==> flow/design.v <==
module my_selector_rtl #(
    parameter W = 32
) (
    input wire clk,
    input wire nrst,
    input wire [W-1:0] din0,
    input wire [W-1:0] din1,
    input wire [W-1:0] din2,
    input wire [W-1:0] din3,
    input wire [1:0] sel,
    output wire [W-1:0] q
);
    reg [W-1:0] din0_ff;
    reg [W-1:0] din1_ff;
    reg [W-1:0] din2_ff;
    reg [W-1:0] din3_ff;
    reg [1:0] sel_ff;
    always @(posedge clk or negedge nrst) begin
        if (!nrst) begin
            din0_ff <= 0;
            din1_ff <= 0;
            din2_ff <= 0;
            din3_ff <= 0;
            sel_ff <= 0;
        end else begin
            din0_ff <= din0;
            din1_ff <= din1;
            din2_ff <= din2;
            din3_ff <= din3;
            sel_ff <= sel;
        end
    end
    reg [W-1:0] t;
    always @* begin
        if (sel_ff == 0) t = din0_ff;
        else if (sel_ff == 1) t = din1_ff;
        else if (sel_ff == 2) t = din2_ff;
        else t = din3_ff;
    end
    assign q = t;
endmodule
; Step by step through the tools: my_selector_rtl
; Tool output for the members of one design family, told apart by "inputs", in the order of the flow.
; The file above is the member inputs = 4. Line numbers count from 1 in each member's own file.
; Operators carry their Yosys type and port widths (W data, S select, Z words).
; Library cell names are shortened.
; Not given: -
[setup]
design = my_selector_rtl
clock = clk
cell_library = sky130hd
corner = tt_025C_1v80

; Source of the members
; New or changed lines of each further member against the RTL above, in its own file; lines it lacks are not shown.
[src_changes]
columns = inputs, line
row1 = 10, 10  ; input wire [W-1:0] din4,
row2 = 10, 11  ; input wire [W-1:0] din5,
row3 = 10, 12  ; input wire [W-1:0] din6,
row4 = 10, 13  ; input wire [W-1:0] din7,
row5 = 10, 14  ; input wire [W-1:0] din8,
row6 = 10, 15  ; input wire [W-1:0] din9,
row7 = 10, 16  ; input wire [3:0] sel,
row8 = 10, 23  ; reg [W-1:0] din4_ff;
row9 = 10, 24  ; reg [W-1:0] din5_ff;
row10 = 10, 25  ; reg [W-1:0] din6_ff;
row11 = 10, 26  ; reg [W-1:0] din7_ff;
row12 = 10, 27  ; reg [W-1:0] din8_ff;
row13 = 10, 28  ; reg [W-1:0] din9_ff;
row14 = 10, 29  ; reg [3:0] sel_ff;
row15 = 10, 36  ; din4_ff <= 0;
row16 = 10, 37  ; din5_ff <= 0;
row17 = 10, 38  ; din6_ff <= 0;
row18 = 10, 39  ; din7_ff <= 0;
row19 = 10, 40  ; din8_ff <= 0;
row20 = 10, 41  ; din9_ff <= 0;
row21 = 10, 48  ; din4_ff <= din4;
row22 = 10, 49  ; din5_ff <= din5;
row23 = 10, 50  ; din6_ff <= din6;
row24 = 10, 51  ; din7_ff <= din7;
row25 = 10, 52  ; din8_ff <= din8;
row26 = 10, 53  ; din9_ff <= din9;
row27 = 10, 62  ; else if (sel_ff == 3) t = din3_ff;
row28 = 10, 63  ; else if (sel_ff == 4) t = din4_ff;
row29 = 10, 64  ; else if (sel_ff == 5) t = din5_ff;
row30 = 10, 65  ; else if (sel_ff == 6) t = din6_ff;
row31 = 10, 66  ; else if (sel_ff == 7) t = din7_ff;
row32 = 10, 67  ; else if (sel_ff == 8) t = din8_ff;
row33 = 10, 68  ; else t = din9_ff;
row34 = 16, 10  ; input wire [W-1:0] din4,
row35 = 16, 11  ; input wire [W-1:0] din5,
row36 = 16, 12  ; input wire [W-1:0] din6,
row37 = 16, 13  ; input wire [W-1:0] din7,
row38 = 16, 14  ; input wire [W-1:0] din8,
row39 = 16, 15  ; input wire [W-1:0] din9,
row40 = 16, 16  ; input wire [W-1:0] din10,
row41 = 16, 17  ; input wire [W-1:0] din11,
row42 = 16, 18  ; input wire [W-1:0] din12,
row43 = 16, 19  ; input wire [W-1:0] din13,
row44 = 16, 20  ; input wire [W-1:0] din14,
row45 = 16, 21  ; input wire [W-1:0] din15,
row46 = 16, 22  ; input wire [3:0] sel,
row47 = 16, 29  ; reg [W-1:0] din4_ff;
row48 = 16, 30  ; reg [W-1:0] din5_ff;
row49 = 16, 31  ; reg [W-1:0] din6_ff;
row50 = 16, 32  ; reg [W-1:0] din7_ff;
row51 = 16, 33  ; reg [W-1:0] din8_ff;
row52 = 16, 34  ; reg [W-1:0] din9_ff;
row53 = 16, 35  ; reg [W-1:0] din10_ff;
row54 = 16, 36  ; reg [W-1:0] din11_ff;
row55 = 16, 37  ; reg [W-1:0] din12_ff;
row56 = 16, 38  ; reg [W-1:0] din13_ff;
row57 = 16, 39  ; reg [W-1:0] din14_ff;
row58 = 16, 40  ; reg [W-1:0] din15_ff;
row59 = 16, 41  ; reg [3:0] sel_ff;
row60 = 16, 48  ; din4_ff <= 0;
row61 = 16, 49  ; din5_ff <= 0;
row62 = 16, 50  ; din6_ff <= 0;
row63 = 16, 51  ; din7_ff <= 0;
row64 = 16, 52  ; din8_ff <= 0;
row65 = 16, 53  ; din9_ff <= 0;
row66 = 16, 54  ; din10_ff <= 0;
row67 = 16, 55  ; din11_ff <= 0;
row68 = 16, 56  ; din12_ff <= 0;
row69 = 16, 57  ; din13_ff <= 0;
row70 = 16, 58  ; din14_ff <= 0;
row71 = 16, 59  ; din15_ff <= 0;
row72 = 16, 66  ; din4_ff <= din4;
row73 = 16, 67  ; din5_ff <= din5;
row74 = 16, 68  ; din6_ff <= din6;
row75 = 16, 69  ; din7_ff <= din7;
row76 = 16, 70  ; din8_ff <= din8;
row77 = 16, 71  ; din9_ff <= din9;
row78 = 16, 72  ; din10_ff <= din10;
row79 = 16, 73  ; din11_ff <= din11;
row80 = 16, 74  ; din12_ff <= din12;
row81 = 16, 75  ; din13_ff <= din13;
row82 = 16, 76  ; din14_ff <= din14;
row83 = 16, 77  ; din15_ff <= din15;
row84 = 16, 86  ; else if (sel_ff == 3) t = din3_ff;
row85 = 16, 87  ; else if (sel_ff == 4) t = din4_ff;
row86 = 16, 88  ; else if (sel_ff == 5) t = din5_ff;
row87 = 16, 89  ; else if (sel_ff == 6) t = din6_ff;
row88 = 16, 90  ; else if (sel_ff == 7) t = din7_ff;
row89 = 16, 91  ; else if (sel_ff == 8) t = din8_ff;
row90 = 16, 92  ; else if (sel_ff == 9) t = din9_ff;
row91 = 16, 93  ; else if (sel_ff == 10) t = din10_ff;
row92 = 16, 94  ; else if (sel_ff == 11) t = din11_ff;
row93 = 16, 95  ; else if (sel_ff == 12) t = din12_ff;
row94 = 16, 96  ; else if (sel_ff == 13) t = din13_ff;
row95 = 16, 97  ; else if (sel_ff == 14) t = din14_ff;
row96 = 16, 98  ; else t = din15_ff;

; After elaboration
; Yosys after proc, flatten, opt, wreduce and memory -nomap, before mapping. Enables and synchronous resets that opt folds into registers are not counted as muxes. Memory bits, and registers merged into a memory's read port (data or address), are not among the register bits. Print and check cells are not counted. Equal cells are merged and count once.
[classes]
columns = inputs, equal, n_mux, reduce_and_logical
row1 = 4, 2, 3, 1
row2 = 10, 8, 9, 1
row3 = 16, 14, 15, 1
[ops]
columns = inputs, op_list
row1 = 4, $mux W32: 3; $eq A2 B1 Y1 const B: 1; $eq A2 B2 Y1 const B: 1; $logic_not A2 Y1: 1
row2 = 10, $mux W32: 9; $eq A4 B3 Y1 const B: 4; $eq A4 B2 Y1 const B: 2; $eq A4 B1 Y1 const B: 1; $eq A4 B4 Y1 const B: 1; $logic_not A4 Y1: 1
row3 = 16, $mux W32: 15; $eq A4 B4 Y1 const B: 7; $eq A4 B3 Y1 const B: 4; $eq A4 B2 Y1 const B: 2; $eq A4 B1 Y1 const B: 1; $logic_not A4 Y1: 1
[word_totals]
columns = inputs, ff_bits, input_bits, word_cells
row1 = 4, 130, 132, 11
row2 = 10, 324, 326, 29
row3 = 16, 516, 518, 47

; Longest topological paths
; Yosys ltp: most cells in a row. Word level: on the elaborated netlist, between registers, memories and ports. Mapped: between sequential cells and ports; inverters and the memories' decode and read muxes count.
[logic_depth]
columns = inputs, word_depth, abc_area, depth_mapped, mapped_depth_nobuf
row1 = 4, 4, 0, 3, 1
row2 = 10, 10, 0, 8, 4
row3 = 16, 16, 0, 9, 5

; Synthesis result
; The flow's flattened synthesis, as Yosys stat reports it; memories are mapped. The netlist is that of the ABC_AREA named above (0 if unset); the other value can give another one.
[types]
columns = inputs, type_list
row1 = 4, dfrtp_1: 130; mux4_2: 30; buf_12: 3; mux4_1: 2; buf_2: 3; buf_6: 1
row2 = 10, dfrtp_1: 324; mux2i_1: 53; a21oi_1: 89; mux4_2: 13; a221oi_1: 28; o21ai_0: 41; buf_2: 32; nor2_1: 37; o221a_2: 12; a22o_1: 14; nand2_1: 29; o22ai_1: 14; inv_1: 23; o32a_1: 8; nand3b_1: 10; clkbuf_1: 18; nand2b_1: 10; or2_2: 10; (+101)
row3 = 16, dfrtp_1: 516; mux2i_1: 80; a21oi_1: 127; o21ai_0: 79; mux4_2: 17; o22ai_1: 53; nand2_1: 80; buf_2: 54; nor2_1: 67; a221oi_1: 23; a211oi_1: 26; buf_4: 23; mux2_2: 13; buf_6: 12; o221ai_1: 15; o22a_1: 15; a22oi_1: 16; clkbuf_1: 31; (+257)
; A list marked (+n) leaves out that many cells.
[mapped]
columns = inputs, cell_count, yosys_area_um2, ff_cells
row1 = 4, 169, 4067.7, 130
row2 = 10, 866, 11783.8, 324
row3 = 16, 1504, 19525.0, 516

; Timing after synthesis
; Source: OpenSTA report_checks on the synthesized netlist (no wires, ideal clock, input and output delay 20% of the period each), path of least setup slack; recovery checks are left aside. Register names are those of the netlist, which keeps one name where synthesis merged equal registers.
[synth_path]
columns = inputs, kind, startpoint, endpoint, clock_period_ns, path_slack_ns, stages, path_delay_ns, period_less_setup_slack_ns
row1 = 4, register to output, reg sel_ff[0], out q[10], 1.76, 0.284, 4, 1.124, 1.476
row2 = 10, register to output, reg sel_ff[2], out q[29], 2.6, 0.415, 7, 1.665, 2.185
row3 = 16, register to output, reg sel_ff[1], out q[26], 2.67, 0.425, 9, 1.711, 2.245
; "path_delay_ns" = arrival - input delay + setup time.
; A path that ends at an output port has no setup time.
; "stages": output pins that drive a net of the path, with the launching flip-flop's if there is one; two outputs of one cell count as two.
; "period_less_setup_slack_ns" is the clock period less the worst setup slack; recovery checks do not enter. This is arithmetic on one report: input and output delays are still those of the set period (20% each).
; The rows between start and end are the longest chain of elaborated cells between them; the timing report does not say that the signal goes this way. Where chains are equally long, one stands for them.
; A line is the first line of the expression or statement that the cell stems from. Yosys adds cells for indexed reads and writes and turns some case tables into memories.
[synth_via_inputs_4]
elab_chain_len = 4
[synth_lines_inputs_4]
columns = item, line
row1 = "start, declared", 17  ; reg [1:0] sel_ff;
row2 = "start, assigned", 24  ; sel_ff <= 0;
row3 = "start, assigned", 30  ; sel_ff <= sel;
row4 = $eq A2 B2 Y1, 37  ; else if (sel_ff == 2) t = din2_ff;
row5 = $mux W32, 37
row6 = $mux W32, 36  ; else if (sel_ff == 1) t = din1_ff;
row7 = $mux W32, 35  ; if (sel_ff == 0) t = din0_ff;
row8 = "end, declared", 11  ; output wire [W-1:0] q
[synth_via_inputs_16]
elab_chain_len = 16
[synth_lines_inputs_16]
columns = item, line
row1 = "start, declared", 41  ; reg [3:0] sel_ff;
row2 = "start, assigned", 60  ; sel_ff <= 0;
row3 = "start, assigned", 78  ; sel_ff <= sel;
row4 = $eq A4 B4 Y1, 97  ; else if (sel_ff == 14) t = din14_ff;
row5 = $mux W32, 97
row6 = $mux W32, 96  ; else if (sel_ff == 13) t = din13_ff;
row7 = $mux W32, 95  ; else if (sel_ff == 12) t = din12_ff;
row8 = $mux W32, 94  ; else if (sel_ff == 11) t = din11_ff;
row9 = $mux W32, 93  ; else if (sel_ff == 10) t = din10_ff;
row10 = $mux W32, 92  ; else if (sel_ff == 9) t = din9_ff;
row11 = [2 not listed], -
row12 = $mux W32, 89  ; else if (sel_ff == 6) t = din6_ff;
row13 = $mux W32, 88  ; else if (sel_ff == 5) t = din5_ff;
row14 = $mux W32, 87  ; else if (sel_ff == 4) t = din4_ff;
row15 = $mux W32, 86  ; else if (sel_ff == 3) t = din3_ff;
row16 = $mux W32, 85  ; else if (sel_ff == 2) t = din2_ff;
row17 = $mux W32, 84  ; else if (sel_ff == 1) t = din1_ff;
row18 = $mux W32, 83  ; if (sel_ff == 0) t = din0_ff;
row19 = "end, declared", 23  ; output wire [W-1:0] q

; Worst path after layout
; Path of least setup slack in the final report of each member's run (OpenROAD, finished layout, wires in). Where an end is a register, its clock arrival counts in the times.
[layout_path]
columns = inputs, kind, startpoint, endpoint, clock_period_ns, path_slack_ns, stages, arrival_time_ns, n_path_buf
row1 = 4, register to output, reg sel_ff[0], out q[10], 1.76, -0.44, 5, 1.85, 3
row2 = 10, register to output, reg sel_ff[0], out q[1], 2.6, -0.35, 8, 2.43, 3
row3 = 16, register to output, reg sel_ff[1], out q[5], 2.67, -0.58, 10, 2.72, 4

; Layout results
; Settings and results of one run of the flow (Yosys, OpenROAD) for each member follow. The constraints put input and output delay at 20% of the set period each and load the outputs with 0.01 pF.
[settings]
CAP_MARGIN = 20
CORE_MARGIN = 2
CORE_UTILIZATION = 40
SLEW_MARGIN = 20
[settings_diff]
columns = inputs, period_ns
row1 = 4, 1.76
row2 = 10, 2.6
row3 = 16, 2.67
[measured]
columns = inputs, yosys_chip_area_um2, dieArea_um2, cell_area_final_um2, timing.setup.ws_ns, fin_power_w, achievedPeriod_ns
row1 = 4, 4067.7, 10991.4, 6551.3, -0.438, 0.007378, 2.198
row2 = 10, 11783.8, 30847.7, 18601.6, -0.349, 0.012302, 2.949
row3 = 16, 19525.0, 50595.8, 30754.5, -0.582, 0.018966, 3.252
; "achievedPeriod_ns" = clock period - worst setup slack. The figure is calculated, with input and output delays left at 20% of the set period.
; "fin_power_w": no workload was simulated; the value follows from the tool's default switching activity.
